==> flow/design.v <==
module u_mpy_n #(
   parameter WD = 5
) (
   input logic aclk,
   input logic [WD-1:0] in_op_a,
   input logic [WD-1:0] in_op_b,
   input logic [2*WD-1:0] in_op_c,
   output logic [2*WD:0] out_q
);
   logic [WD-1:0] r_op_a;
   logic [WD-1:0] r_op_b;
   logic [2*WD-1:0] r_op_c;
   assign out_q = r_op_a * r_op_b + r_op_c;
   always_ff @(posedge aclk) begin
      r_op_a <= in_op_a;
      r_op_b <= in_op_b;
      r_op_c <= in_op_c;
   end
endmodule
# Step by step through the tools: u_mpy_n
# The steps from the RTL of u_mpy_n to its reports follow in flow order.
# Line numbers count from 1 in the design file above.
# Library cell names are shortened.
inputs:
  top: "u_mpy_n"
  clock: "aclk"
  cell_library: "sky130hd"
  corner: "tt_025C_1v80"

# Word level
# Yosys after proc, flatten, opt, wreduce and memory -nomap, before mapping. Enables and synchronous resets that opt folds into registers are not counted as muxes. Memory bits, and registers merged into a memory's read port (data or address), are not among the register bits. Print and check cells are not counted. Equal cells are merged and count once.
bits:
  register_bits: 20
  in_bits: 21
  output_inout_bits: 11
  elab_cells: 5
classes:
  add_sub_neg: 1
  n_mul: 1
ops:
  columns: ["cell", "count"]
  rows:
  - ["5-bit by 5-bit multiplier with 10-bit output", 1]
  - ["10-bit by 10-bit adder with 11-bit output", 1]

# Depth
# Longest topological path by Yosys (ltp), each cell counted once; first at word level (registers and memories cut), then after technology mapping (sequential cells cut; the memories' decode and read muxes count).
depth:
  ltp_word: 2
  abc_area: 0
  ltp_mapped: 12
  depth_no_buf: 12

# Synthesis result
# The flow's flattened synthesis, as Yosys stat reports it; memories are mapped. The netlist is that of the ABC_AREA named above (0 if unset); the other value can give another one.
# Totals and module areas in this step are rounded.
by_type:
  columns: ["cell_type", "count", "type_area_um2"]
  rows:
  - ["dfxtp_1", 20, 400.384]
  - ["fa_1", 17, 340.326]
  - ["ha_1", 19, 237.728]
  - ["and2_1", 14, 87.584]
  - ["inv_1", 21, 78.826]
  - ["nand2_1", 15, 56.304]
  - ["xnor2_1", 3, 26.275]
  - ["xor2_1", 3, 26.275]
  - ["a21oi_1", 4, 20.019]
  - ["o31ai_2", 1, 12.512]
  - ["and4b_1", 1, 10.01]
  - ["mux2i_1", 1, 10.01]
  - ["nor3_1", 2, 10.01]
  - ["o21ai_0", 2, 10.01]
  - ["a21o_2", 1, 8.758]
  - ["a21oi_2", 1, 8.758]
  - ["a221oi_1", 1, 8.758]
  - ["a211oi_1", 1, 7.507]
# Other cell types: 5; their cells: 5.
mapped:
  cells: 132
  mapped_area_um2: 1394
  sequential_area_um2: 400.4
  ffs: 20
  buf_cells: 0

# Worst setup path after synthesis
# Path of least setup slack by OpenSTA after synthesis, without wires, with an ideal clock, recovery checks aside; 20% of the period is set as input and as output delay. Where synthesis merged equal registers, the netlist keeps one of their names.
synth_timing:
  path_type: "reg-to-output"
  start: "register r_op_b[4]"
  end: "output port out_q[8]"
  tclk_ns: 4.86
  output_delay_ns: 0.972
  t_first_pin_ns: 0.000
  arrival_time_ns: 3.108
  required_time_ns: 3.888
  setup_slack_ns: 0.780
  path_delay_ns: 3.108
  path_stages: 11
  path_buffers: 0
  period_less_setup_slack_ns: 4.08
# "path_delay_ns" is the arrival time less input delay plus setup time.
# At an output port there is no setup time.
# "path_stages" counts driving pins, that of a launching flip-flop among them; a cell with two outputs on the path counts twice.
# "period_less_setup_slack_ns" = period - worst setup slack (recovery checks aside). The figure is calculated, with input and output delays left at 20% of the set period.
# Between the ends stands the longest chain of elaborated cells between them, by number of cells; it is not shown to be the way that was timed. Of several equally long chains one is given.
# Each line given opens the expression or statement behind the cell; cells for indexed reads and writes are added by Yosys, which also makes memories of some case tables.
synth_via:
  path_cell_list: "dfxtp_1 -> nand2_1 -> fa_1 -> fa_1 -> fa_1 -> inv_1 -> ha_1 -> a21o_2 -> a21oi_2 -> o21ai_0 -> xor2_1"
  elab_chain_cells: 2
  cone_cells: 2
  cone_lines: 1
  classes_between: "add/sub (1); mul (1)"
synth_lines:
  columns: ["item", "line_no", "text"]
  rows:
  - ["start: declaration", 11, "logic [WD-1:0] r_op_b;"]
  - ["start: assignment", 16, "r_op_b <= in_op_b;"]
  - ["5-bit by 5-bit multiplier with 10-bit output", 13, "assign out_q = r_op_a * r_op_b + r_op_c;"]
  - ["10-bit by 10-bit adder with 11-bit output", 13, null]
  - ["end: declaration", 8, "output logic [2*WD:0] out_q"]

# Worst path after layout
# From the final timing report of run 1: the path of least setup slack in the routed layout; clock arrival at registers is part of the times.
layout_timing:
  path_type: "reg-to-output"
  start: "register r_op_a[3]"
  end: "output port out_q[6]"
  tclk_ns: 3.45
  output_delay_ns: 0.69
  t_first_pin_ns: 0.29
  arrival_time_ns: 3.40
  required_time_ns: 2.76
  setup_slack_ns: -0.64
  path_stages: 12
  path_buffers: 2
# Between the ends stands the longest chain of elaborated cells between them, by number of cells; it is not shown to be the way that was timed. Of several equally long chains one is given.
layout_via:
  path_cell_list: "dfxtp_2 -> nand2_1 -> fa_1 -> fa_1 -> fa_1 -> inv_2 -> ha_4 -> a21o_4 -> a21oi_4 -> buf_4 -> xnor2_1 -> buf_2"
  elab_chain_cells: 2
  cone_cells: 2
  cone_lines: 1
  classes_between: "add/sub (1); mul (1)"
layout_lines:
  columns: ["item", "line_no", "text"]
  rows:
  - ["start: declaration", 10, "logic [WD-1:0] r_op_a;"]
  - ["start: assignment", 15, "r_op_a <= in_op_a;"]
  - ["5-bit by 5-bit multiplier with 10-bit output", 13, "assign out_q = r_op_a * r_op_b + r_op_c;"]
  - ["10-bit by 10-bit adder with 11-bit output", 13, null]
  - ["end: declaration", 8, "output logic [2*WD:0] out_q"]

# Settings and measured results of 3 stored flow runs for module u_mpy_n (sky130hd), not sorted in any way. The constraints put input and output delay at 20% of the set period each and load the outputs with 0.01 pF.
# By "timing.achieved_period_ns" is meant the clock period of the run minus its worst setup slack. This is arithmetic on one report: input and output delays are still those of the set period (20% each).
# "critical_path_time_ns": the worst setup path's part of the clock period (all of it between registers, 20% less for each end at a port) less its slack. A launch clock that arrives late makes it longer, a capture clock that arrives late makes it shorter.
# "total_power_w" rests on the timing tool's default activity at the inputs, not on a simulated workload.
# Values from the reports are rounded here.
runs:
  - name: "run 1"
    settings:
      period_ns: 3.45
      CORE_UTILIZATION: 55
      PLACE_DENSITY_LB_ADDON: 0.29
      TNS_END_PERCENT: 20
      ABC_AREA: 0
      CTS_CLUSTER_SIZE: 48
      MIN_ROUTING_LAYER: "met1"
      CAP_MARGIN: 20
      CORE_MARGIN: 2
      SLEW_MARGIN: 20
    results:
      finish.stdcell_area_um2: 2061
      total_power_w: 0.001144
      utilization_pct: 84.7
      hold_worst_slack_ns: 0.813
      final_die_area_um2: 2953
      ws_setup_ns: -0.644
      tns_ns: -3.968
      timing.achieved_period_ns: 4.094
      critical_path_time_ns: 3.40
      critical_path_kind: "reg-to-output"
      yosys.chip_area_um2: 1394
  - name: "run 2"
    settings:
      period_ns: 4.86
      CAP_MARGIN: 20
      CORE_MARGIN: 2
      CORE_UTILIZATION: 40
      SLEW_MARGIN: 20
    results:
      finish.stdcell_area_um2: 1892
      total_power_w: 0.000746
      utilization_pct: 56.7
      hold_worst_slack_ns: 1.093
      final_die_area_um2: 3973
      ws_setup_ns: 0.239
      tns_ns: 0.000
      timing.achieved_period_ns: 4.621
      critical_path_time_ns: 3.65
      critical_path_kind: "reg-to-output"
      yosys.chip_area_um2: 1394
  - name: "run 3"
    settings:
      period_ns: 2.38
      CORE_UTILIZATION: 30
      PLACE_DENSITY: 0.78
      CORE_ASPECT_RATIO: 1.68
      CELL_PAD_IN_SITES_DETAIL_PLACEMENT: 0
      TNS_END_PERCENT: 55
      GPL_ROUTABILITY_DRIVEN: 1
      CTS_CLUSTER_SIZE: 46
      CTS_CLUSTER_DIAMETER: 378
      CAP_MARGIN: 20
      MIN_ROUTING_LAYER: "met2"
      MAX_ROUTING_LAYER: "met4"
      CORE_MARGIN: 2
      SLEW_MARGIN: 20
    results:
      finish.stdcell_area_um2: 2138
      total_power_w: 0.001728
      utilization_pct: 47.3
      hold_worst_slack_ns: 0.651
      final_die_area_um2: 5226
      ws_setup_ns: -1.373
      tns_ns: -10.06
      timing.achieved_period_ns: 3.752
      critical_path_time_ns: 3.28
      critical_path_kind: "reg-to-output"
      yosys.chip_area_um2: 1394
